==> flow/design.v <==
module gen_add_n #(
    parameter WIDTH = 5,
    parameter NIN = 24,
    parameter RW = WIDTH + $clog2(NIN)
) (
    input ck,
    input clr,
    input en,
    input [NIN*WIDTH-1:0] i_ch,
    output reg [RW-1:0] o_o
);
    reg [NIN*WIDTH-1:0] ch_q;
    wire [RW-1:0] n_ [1:2*NIN-1];
    genvar gi;
    generate
        for (gi = 0; gi < NIN; gi = gi + 1) begin : g_bit
            assign n_[NIN+gi] = ch_q[gi*WIDTH +: WIDTH];
        end
        for (gi = 1; gi < NIN; gi = gi + 1) begin : stage
            assign n_[gi] = n_[2*gi] + n_[2*gi+1];
        end
    endgenerate
    always @(posedge ck or posedge clr) begin
        if (clr) begin
            ch_q <= 0;
            o_o <= 0;
        end else if (en) begin
            ch_q <= i_ch;
            o_o <= n_[1];
        end
    end
endmodule
Memo
Re: synthesis data of gen_add_n

From RTL to reports: gen_add_n. Tool output for the members of one design family, told apart by "WIDTH", in the order of the flow. The file above is the member WIDTH 5. Line numbers count from 1 in each member's own file. The mark - stands for no value.

Design top: gen_add_n. Clock input: ck. Standard-cell library: sky130hd. Timing corner: tt_025C_1v80.

Source of the members. Lines of each other member's file that are new or changed against the file above; lines that a member lacks are not shown.

Lines new or changed: WIDTH 6 (RTL line 2) `parameter WIDTH = 6,`; WIDTH 8 (RTL line 2) `parameter WIDTH = 8,`; WIDTH 14 (RTL line 2) `parameter WIDTH = 14,`; WIDTH 18 (RTL line 2) `parameter WIDTH = 18,`.

After elaboration. Counts by Yosys on the flattened word-level netlist (proc, flatten, opt, wreduce). Print and check cells are left out. Cells with the same type and inputs are merged into one.

Bit counts: WIDTH 5 (input bits 123, register bits after elaboration 130, word-level cells 25); WIDTH 6 (input bits 147, register bits after elaboration 155, word-level cells 25); WIDTH 8 (input bits 195, register bits after elaboration 205, word-level cells 25); WIDTH 14 (input bits 339, register bits after elaboration 355, word-level cells 25); WIDTH 18 (input bits 435, register bits after elaboration 455, word-level cells 25).

Operators by class (add/subtract/negate cells): WIDTH 5 (23); WIDTH 6 (23); WIDTH 8 (23); WIDTH 14 (23); WIDTH 18 (23).

Operator list (kind and count): WIDTH 5 (10-bit adder (11); 5-bit by 5-bit adder with 6-bit output (12)); WIDTH 6 (11-bit adder (11); 6-bit by 6-bit adder with 7-bit output (12)); WIDTH 8 (13-bit adder (11); 8-bit by 8-bit adder with 9-bit output (12)); WIDTH 14 (19-bit adder (11); 14-bit by 14-bit adder with 15-bit output (12)); WIDTH 18 (23-bit adder (11); 18-bit by 18-bit adder with 19-bit output (12)).

Depth. Yosys ltp: most cells in a row. Word level: on the elaborated netlist, between registers, memories and ports. Mapped: between sequential cells and ports; inverters and the memories' decode and read muxes count.

Logic depth: WIDTH 5 (word-level depth 5, ABC_AREA 0, mapped depth 20); WIDTH 6 (word-level depth 5, ABC_AREA 0, mapped depth 23); WIDTH 8 (word-level depth 5, ABC_AREA 0, mapped depth 23); WIDTH 14 (word-level depth 5, ABC_AREA 0, mapped depth 26); WIDTH 18 (word-level depth 5, ABC_AREA 0, mapped depth 27).

Netlist. Source: synth_stat.txt of the flow (Yosys; design flattened, memories mapped). It holds for the ABC_AREA given above (unset counts as 0); a run with the other value may have another netlist.

Synthesis totals: WIDTH 5 (buffer cells 17, area of sequential cells 3253.1 um^2, mapped cells 691, mapped flip-flops 130, mapped area 8539.4 um^2); WIDTH 6 (buffer cells 20, area of sequential cells 3878.7 um^2, mapped cells 850, mapped flip-flops 155, mapped area 10263.6 um^2); WIDTH 8 (buffer cells 24, area of sequential cells 5129.9 um^2, mapped cells 1144, mapped flip-flops 205, mapped area 13604.3 um^2); WIDTH 14 (buffer cells 48, area of sequential cells 8883.5 um^2, mapped cells 2139, mapped flip-flops 355, mapped area 24554.8 um^2); WIDTH 18 (buffer cells 60, area of sequential cells 11385.9 um^2, mapped cells 2765, mapped flip-flops 455, mapped area 31572.8 um^2).

Cell types (type and count): WIDTH 5 (sky130_fd_sc_hd__dfrtp_1 (130); sky130_fd_sc_hd__fa_1 (69); sky130_fd_sc_hd__mux2_2 (86); sky130_fd_sc_hd__ha_1 (75); sky130_fd_sc_hd__inv_1 (104); sky130_fd_sc_hd__mux2_1 (24); sky130_fd_sc_hd__xor2_1 (24); sky130_fd_sc_hd__a21o_1 (26); sky130_fd_sc_hd__a21oi_1 (32); sky130_fd_sc_hd__xnor2_1 (14); sky130_fd_sc_hd__nand2_1 (29); sky130_fd_sc_hd__buf_6 (9); sky130_fd_sc_hd__o21ai_0 (18); sky130_fd_sc_hd__a211oi_1 (11); sky130_fd_sc_hd__nor2_1 (13); sky130_fd_sc_hd__buf_12 (2); sky130_fd_sc_hd__buf_2 (5); sky130_fd_sc_hd__nand4_1 (3); (+17)); WIDTH 6 (sky130_fd_sc_hd__dfrtp_1 (155); sky130_fd_sc_hd__fa_1 (79); sky130_fd_sc_hd__mux2_2 (140); sky130_fd_sc_hd__ha_1 (88); sky130_fd_sc_hd__inv_1 (108); sky130_fd_sc_hd__xnor2_1 (29); sky130_fd_sc_hd__nand2_1 (50); sky130_fd_sc_hd__xor2_1 (21); sky130_fd_sc_hd__a21oi_1 (35); sky130_fd_sc_hd__o21ai_0 (24); sky130_fd_sc_hd__nor2b_1 (19); sky130_fd_sc_hd__buf_4 (14); sky130_fd_sc_hd__a21o_1 (12); sky130_fd_sc_hd__nor2_1 (24); sky130_fd_sc_hd__o211ai_1 (12); sky130_fd_sc_hd__a211oi_1 (7); sky130_fd_sc_hd__a21oi_2 (4); sky130_fd_sc_hd__mux2i_1 (3); (+26)); WIDTH 8 (sky130_fd_sc_hd__dfrtp_1 (205); sky130_fd_sc_hd__mux2_2 (189); sky130_fd_sc_hd__fa_1 (99); sky130_fd_sc_hd__ha_1 (114); sky130_fd_sc_hd__inv_1 (112); sky130_fd_sc_hd__xnor2_1 (43); sky130_fd_sc_hd__xor2_1 (31); sky130_fd_sc_hd__nor2_1 (63); sky130_fd_sc_hd__nor3_1 (41); sky130_fd_sc_hd__nand2_1 (48); sky130_fd_sc_hd__a21oi_1 (26); sky130_fd_sc_hd__nand3_1 (25); sky130_fd_sc_hd__buf_2 (20); sky130_fd_sc_hd__o41ai_1 (11); sky130_fd_sc_hd__a21o_1 (12); sky130_fd_sc_hd__o211ai_1 (12); sky130_fd_sc_hd__o21bai_1 (12); sky130_fd_sc_hd__o21ai_1 (14); (+67)); WIDTH 14 (sky130_fd_sc_hd__dfrtp_1 (355); sky130_fd_sc_hd__mux2_2 (333); sky130_fd_sc_hd__fa_1 (159); sky130_fd_sc_hd__ha_1 (192); sky130_fd_sc_hd__inv_1 (179); sky130_fd_sc_hd__xnor2_1 (71); sky130_fd_sc_hd__a21oi_1 (118); sky130_fd_sc_hd__a21o_1 (61); sky130_fd_sc_hd__xor2_1 (52); sky130_fd_sc_hd__o21ai_0 (73); sky130_fd_sc_hd__nor2_1 (89); sky130_fd_sc_hd__nand2_1 (73); sky130_fd_sc_hd__a211oi_1 (30); sky130_fd_sc_hd__o21a_1 (28); sky130_fd_sc_hd__clkbuf_1 (47); sky130_fd_sc_hd__nor2b_1 (28); sky130_fd_sc_hd__o21ai_1 (31); sky130_fd_sc_hd__o21bai_1 (14); (+206)); WIDTH 18 (sky130_fd_sc_hd__dfrtp_1 (455); sky130_fd_sc_hd__mux2_2 (433); sky130_fd_sc_hd__fa_1 (199); sky130_fd_sc_hd__ha_1 (244); sky130_fd_sc_hd__xnor2_1 (127); sky130_fd_sc_hd__inv_1 (258); sky130_fd_sc_hd__a21oi_1 (154); sky130_fd_sc_hd__a21o_1 (67); sky130_fd_sc_hd__o21ai_0 (97); sky130_fd_sc_hd__xor2_1 (53); sky130_fd_sc_hd__nor2_1 (114); sky130_fd_sc_hd__nand2_1 (87); sky130_fd_sc_hd__o21a_1 (37); sky130_fd_sc_hd__nor3_1 (46); sky130_fd_sc_hd__nor2b_1 (36); sky130_fd_sc_hd__clkbuf_1 (56); sky130_fd_sc_hd__nand3_1 (30); sky130_fd_sc_hd__o21bai_1 (16); (+256)).

A list marked (+n) leaves out that many cells.

Worst setup path after synthesis. Source: OpenSTA report_checks on the synthesized netlist (no wires, ideal clock, input and output delay 20% of the period each), path of least setup slack; recovery checks are left aside. Register names are those of the netlist, which keeps one name where synthesis merged equal registers.

Timing post-synthesis: WIDTH 5 (path kind register to register, from register ch_q[60], to register o_o[8], stages 19, setup slack 1285 ps, delay of the path 5155 ps, clock period 6440 ps, synthesis period reached 5155 ps); WIDTH 6 (path kind register to register, from register ch_q[48], to register o_o[6], stages 20, setup slack 1321 ps, delay of the path 5279 ps, clock period 6600 ps, synthesis period reached 5279 ps); WIDTH 8 (path kind register to register, from register ch_q[128], to register o_o[11], stages 21, setup slack 1411 ps, delay of the path 5628 ps, clock period 7040 ps, synthesis period reached 5629 ps); WIDTH 14 (path kind register to register, from register ch_q[224], to register o_o[17], stages 25, setup slack 1576 ps, delay of the path 6295 ps, clock period 7870 ps, synthesis period reached 6294 ps); WIDTH 18 (path kind register to register, from register ch_q[0], to register o_o[19], stages 24, setup slack 1621 ps, delay of the path 6479 ps, clock period 8100 ps, synthesis period reached 6479 ps).

"delay of the path" is the arrival time less input delay plus setup time. "stages" counts driving pins, that of a launching flip-flop among them; a cell with two outputs on the path counts twice. "synthesis period reached" is the clock period less the worst setup slack; recovery checks do not enter. This is arithmetic on one report: input and output delays are still those of the set period (20% each). Between the ends stands the longest chain of elaborated cells between them, by number of cells; it is not shown to be the way that was timed. Of several equally long chains one is given. Each line given opens the expression or statement behind the cell; cells for indexed reads and writes are added by Yosys, which also makes memories of some case tables.

On the way, post-synthesis, WIDTH 5:
Cells in the longest elaborated chain: 5.

RTL lines, path post-synthesis, WIDTH 5: from (decl) (RTL line 12) `reg [NIN*WIDTH-1:0] ch_q;`; from (assign) (RTL line 25) `ch_q <= 0;`; from (assign) (RTL line 28) `ch_q <= i_ch;`; 5-bit by 5-bit adder with 6-bit output (RTL line 20) `assign n_[gi] = n_[2*gi] + n_[2*gi+1];`; 10-bit adder (4 in a row) (RTL line 20); to (assign) (RTL line 26) `o_o <= 0;`; to (assign) (RTL line 29) `o_o <= n_[1];`; to (decl) (RTL line 10) `output reg [RW-1:0] o_o`.

On the way, post-synthesis, WIDTH 18:
Cells in the longest elaborated chain: 4.

RTL lines, path post-synthesis, WIDTH 18: from (decl) (RTL line 12) `reg [NIN*WIDTH-1:0] ch_q;`; from (assign) (RTL line 25) `ch_q <= 0;`; from (assign) (RTL line 28) `ch_q <= i_ch;`; 18-bit by 18-bit adder with 19-bit output (RTL line 20) `assign n_[gi] = n_[2*gi] + n_[2*gi+1];`; 23-bit adder (3 in a row) (RTL line 20); to (assign) (RTL line 26) `o_o <= 0;`; to (assign) (RTL line 29) `o_o <= n_[1];`; to (decl) (RTL line 10) `output reg [RW-1:0] o_o`.

Timing after layout. Path of least setup slack in the final report of each member's run (OpenROAD, finished layout, wires in). Where an end is a register, its clock arrival counts in the times. The report prints the path's times to 10 ps; the period is as set.

Timing post-layout: WIDTH 5 (path kind register to register, from register ch_q[20], to register o_o[8], setup slack 1010 ps, clock period 6440 ps, arrival 5730 ps, path buffers 0, stages 18); WIDTH 6 (path kind register to register, from register ch_q[60], to register o_o[6], setup slack 910 ps, clock period 6600 ps, arrival 6000 ps, path buffers 0, stages 20); WIDTH 8 (path kind register to register, from register ch_q[128], to register o_o[11], setup slack 1040 ps, clock period 7040 ps, arrival 6390 ps, path buffers 0, stages 21); WIDTH 14 (path kind register to register, from register ch_q[224], to register o_o[17], setup slack 1030 ps, clock period 7870 ps, arrival 7300 ps, path buffers 0, stages 23); WIDTH 18 (path kind register to register, from register ch_q[252], to register o_o[21], setup slack 980 ps, clock period 8100 ps, arrival 7650 ps, path buffers 0, stages 27).

Measured runs. One run of the flow (Yosys, OpenROAD) for each member, with settings and measured results. Input and output delays are each 20% of the period that was set; the output load is 0.01 pF.

Under CAP_MARGIN stands 20. The entry for CORE_MARGIN reads 2. The figure for CORE_UTILIZATION is 40. Under SLEW_MARGIN stands 20.

Settings that differ (period_ns): WIDTH 5 (6.44); WIDTH 6 (6.6); WIDTH 8 (7.04); WIDTH 14 (7.87); WIDTH 18 (8.1).

Results: WIDTH 5 (utilization after routing 50.5%, total negative slack on setup checks 0 ps, setup slack of the critical path 1009 ps, reached clock period 5431 ps, synthesized cell area 8539.4 um^2, post-route worst hold slack 491 ps, die area 22533.0 um^2, standard-cell area after layout 10577.6 um^2); WIDTH 6 (utilization after routing 50.6%, total negative slack on setup checks 0 ps, setup slack of the critical path 913 ps, reached clock period 5687 ps, synthesized cell area 10263.6 um^2, post-route worst hold slack 505 ps, die area 26956.7 um^2, standard-cell area after layout 12734.7 um^2); WIDTH 8 (utilization after routing 50.8%, total negative slack on setup checks 0 ps, setup slack of the critical path 1044 ps, reached clock period 5996 ps, synthesized cell area 13604.3 um^2, post-route worst hold slack 483 ps, die area 35502.1 um^2, standard-cell area after layout 17042.6 um^2); WIDTH 14 (utilization after routing 50.3%, total negative slack on setup checks 0 ps, setup slack of the critical path 1029 ps, reached clock period 6841 ps, synthesized cell area 24554.8 um^2, post-route worst hold slack 492 ps, die area 63385.6 um^2, standard-cell area after layout 30396.7 um^2); WIDTH 18 (utilization after routing 49.9%, total negative slack on setup checks 0 ps, setup slack of the critical path 983 ps, reached clock period 7117 ps, synthesized cell area 31572.8 um^2, post-route worst hold slack 508 ps, die area 81196.5 um^2, standard-cell area after layout 39258.9 um^2).

By "reached clock period" is meant the clock period of the run minus its worst setup slack. This is arithmetic on one report: input and output delays are still those of the set period (20% each).
